==> flow/design.v <==
module dp_add_core #(
  parameter NBITS = 80
) (
  input sys_clk,
  input aresetn,
  input ce,
  input [NBITS-1:0] A_i,
  input [NBITS-1:0] B_i,
  output [NBITS-1:0] total_o
);
  reg [NBITS-1:0] A_r;
  reg [NBITS-1:0] B_r;
  reg [NBITS:0] t_r;
  reg [NBITS-1:0] total_r;
  assign total_o = total_r;
  always @(posedge sys_clk or negedge aresetn) begin
    if (!aresetn) begin
      A_r <= 0;
      B_r <= 0;
      t_r <= 0;
      total_r <= 0;
    end else if (ce) begin
      A_r <= A_i;
      B_r <= B_i;
      t_r <= A_r + B_r;
      total_r <= t_r[NBITS] ? {NBITS{1'b1}} : t_r[NBITS-1:0];
    end
  end
endmodule
# Tool chain data of dp_add_core
# Tool output for the design above, in the order of the flow.
# Lines are those of the file above, counted from 1.
# Operators: Yosys type, input widths -> output width; for muxes data width and select width s.
# Cell names lack the library's common part.
# Not given: -
[design]
top_module = "dp_add_core"
clock = "sys_clk"
lib = "sky130hd"
pvt_corner = "tt_025C_1v80"

# Elaborated design
# Yosys after proc, flatten, opt, wreduce and memory -nomap, before mapping. Enables and synchronous resets that opt folds into registers are not counted as muxes. Memory bits, and registers merged into a memory's read port (data or address), are not among the register bits. Print and check cells are not counted. Equal cells are merged and count once.
[word_totals]
reg_bits = 321
inputBits = 163
output_inout_bits = 80
wordCells = 6
[classes]
n_addsub = 1
mux = 1
[ops]
columns = ["op", "n"]
rows = [
  ["$add 80x80->81", 1],
  ["$mux 80", 1],
]

# Depth
# Yosys ltp: most cells in a row. Word level: on the elaborated netlist, between registers, memories and ports. Mapped: between sequential cells and ports; inverters and the memories' decode and read muxes count.
[depth]
ltp_word = 1
abc_area = 0
depth_mapped = 12
mapped_depth_nobuf = 12

# Synthesis result
# Yosys stat after the flow's synthesis: flattened, memories mapped to cells. It holds for the ABC_AREA given above (unset counts as 0); a run with the other value may have another netlist.
[synth_totals]
cell_count = 1610
yosys_area_mm2 = 0.0168199
seqArea_mm2 = 0.0080327
ffs = 321
buffers = 88
[by_type]
columns = ["type", "n", "area_total_um2"]
rows = [
  ["dfrtp_1", 321, 8.03E+03],
  ["mux2_2", 230, 2.59E+03],
  ["ha_1", 80, 1000.96],
  ["a21oi_1", 183, 915.878],
  ["nor2_1", 213, 799.517],
  ["xnor2_1", 42, 367.853],
  ["nand2_1", 83, 311.549],
  ["o21ai_0", 60, 300.288],
  ["a21o_1", 39, 292.781],
  ["xor2_1", 30, 262.752],
  ["clkbuf_1", 61, 228.97],
  ["nand4_1", 28, 175.168],
  ["nand3_1", 25, 125.12],
  ["o211ai_1", 13, 97.594],
  ["nor3_1", 19, 95.091],
  ["a31oi_1", 14, 87.584],
  ["inv_1", 20, 75.072],
  ["o21bai_1", 10, 75.072],
]
# Other cell types: 46; their cells: 139.

# Path before layout
# OpenSTA on the mapped netlist: ideal clock, no wires. The path of least setup slack (recovery checks aside). Input and output delay are each 20% of the period. Register names are those of the netlist, which keeps one name where synthesis merged equal registers.
[synth_path]
path_kind = "register to register"
start = "register A_r[0]"
end = "register t_r[36]"
clock_period_ns = 3.67
setup_time_ns = 0.125
t_first_pin_ns = 0.000
t_arrival_ns = 2.810
required_ns = 3.545
slack_ns = 0.735
path_delay_ns = 2.935
path_stages = 13
n_path_buf = 0
synth_period_reached_ns = 2.935
# "path_delay_ns" is the arrival time less input delay plus setup time.
# "path_stages": output pins that drive a net of the path, with the launching flip-flop's if there is one; two outputs of one cell count as two.
# "synth_period_reached_ns" is the clock period less the worst setup slack; recovery checks do not enter. This is arithmetic on one report: input and output delays are still those of the set period (20% each).
# Between the ends stands the longest chain of elaborated cells between them, by number of cells; it is not shown to be the way that was timed. Of several equally long chains one is given.
# A line is the first line of the expression or statement that the cell stems from. Yosys adds cells for indexed reads and writes and turns some case tables into memories.
[synth_between]
path_cell_list = "dfrtp_1 > ha_1 > fa_1 > a21oi_1 > o211ai_1 > a21oi_1 > o21bai_1 > a21oi_1 > o31ai_1 > a21boi_0 > o21ai_0 > xor2_1 > mux2_2"
elab_chain_cells = 1
cone_cells = 1
cone_lines = 1
classes_between = "add/sub: 1"
[synth_lines]
columns = ["element", "line_no", "source"]
rows = [
  ["start, declared", 11, "reg [NBITS-1:0] A_r;"],
  ["start, assigned", 18, "A_r <= 0;"],
  ["start, assigned", 23, "A_r <= A_i;"],
  ["$add 80x80->81", 25, "t_r <= A_r + B_r;"],
  ["end, assigned", 20, "t_r <= 0;"],
  ["end, assigned", 25, ""],
  ["end, declared", 13, "reg [NBITS:0] t_r;"],
]

# Worst path after layout
# From the final timing report of run 1: the path of least setup slack in the routed layout; clock arrival at registers is part of the times.
[layout_path]
path_kind = "register to register"
start = "register B_r[30]"
end = "register t_r[64]"
clock_period_ns = 3.67
setup_time_ns = 0.10
t_first_pin_ns = 0.57
t_arrival_ns = 3.89
required_ns = 4.12
slack_ns = 0.23
path_stages = 12
n_path_buf = 0
# Between the ends stands the longest chain of elaborated cells between them, by number of cells; it is not shown to be the way that was timed. Of several equally long chains one is given.
[layout_between]
path_cell_list = "dfrtp_1 > ha_1 > and2_4 > nand3_2 > nor3_1 > a221oi_1 > and3_1 > a21o_1 > and2_4 > o41a_1 > or4_1 > o311ai_1"
elab_chain_cells = 1
cone_cells = 1
cone_lines = 1
classes_between = "add/sub: 1"
[layout_lines]
columns = ["element", "line_no", "source"]
rows = [
  ["start, declared", 12, "reg [NBITS-1:0] B_r;"],
  ["start, assigned", 19, "B_r <= 0;"],
  ["start, assigned", 24, "B_r <= B_i;"],
  ["$add 80x80->81", 25, "t_r <= A_r + B_r;"],
  ["end, assigned", 20, "t_r <= 0;"],
  ["end, assigned", 25, ""],
  ["end, declared", 13, "reg [NBITS:0] t_r;"],
]

# Module dp_add_core, platform sky130hd: 2 stored runs of the flow (Yosys, OpenROAD) with differing settings, in no particular order. Input and output delays are each 20% of the period that was set; the output load is 0.01 pF.
# "timing.achieved_period_ns": clock period set for the run, less the worst setup slack. It is reckoned from that one timing run; input and output delays stay at 20% of the period that was set.
# "worst_path_time_ns" means the part of the period allowed to the worst setup path (the constraints hold back 20% at inputs and 20% at outputs) less its slack; where the path has registers, the arrival times of their clocks count too.
# "power_total_uw": no workload was simulated; the value follows from the tool's default switching activity.

[[run]]
name = "run 1"
[run.settings]
period_ns = 3.67
CAP_MARGIN = 20
CORE_MARGIN = 2
CORE_UTILIZATION = 40
SLEW_MARGIN = 20
[run.results]
synth_chip_area_mm2 = 0.0168199
util_pct = 50.5
final_die_area_mm2 = 0.0437061
worst_path_time_ns = 3.44
path_kind = "register to register"
timing.achieved_period_ns = 3.440
finalCellArea_mm2 = 0.021109
power_total_uw = 12662
tns_setup_ns = 0.000
timing.setup.ws_ns = 0.230

[[run]]
name = "run 2"
[run.settings]
period_ns = 4.34
CORE_UTILIZATION = 33
SETUP_SLACK_MARGIN = -0.22
PLACE_DENSITY_LB_ADDON = 0.23
CORE_MARGIN = 4
CELL_PAD_IN_SITES_DETAIL_PLACEMENT = 1
GPL_TIMING_DRIVEN = 0
GPL_ROUTABILITY_DRIVEN = 1
CTS_CLUSTER_SIZE = 14
MAX_ROUTING_LAYER = "met5"
CAP_MARGIN = 20
SLEW_MARGIN = 20
[run.results]
util_pct = 42.8
timing.setup.ws_ns = 0.037
synth_chip_area_mm2 = 0.0168199
finalCellArea_mm2 = 0.0215119
timing.achieved_period_ns = 4.303
power_total_uw = 10952
worst_path_time_ns = 4.30
path_kind = "register to register"
tns_setup_ns = 0.000
final_die_area_mm2 = 0.0546461
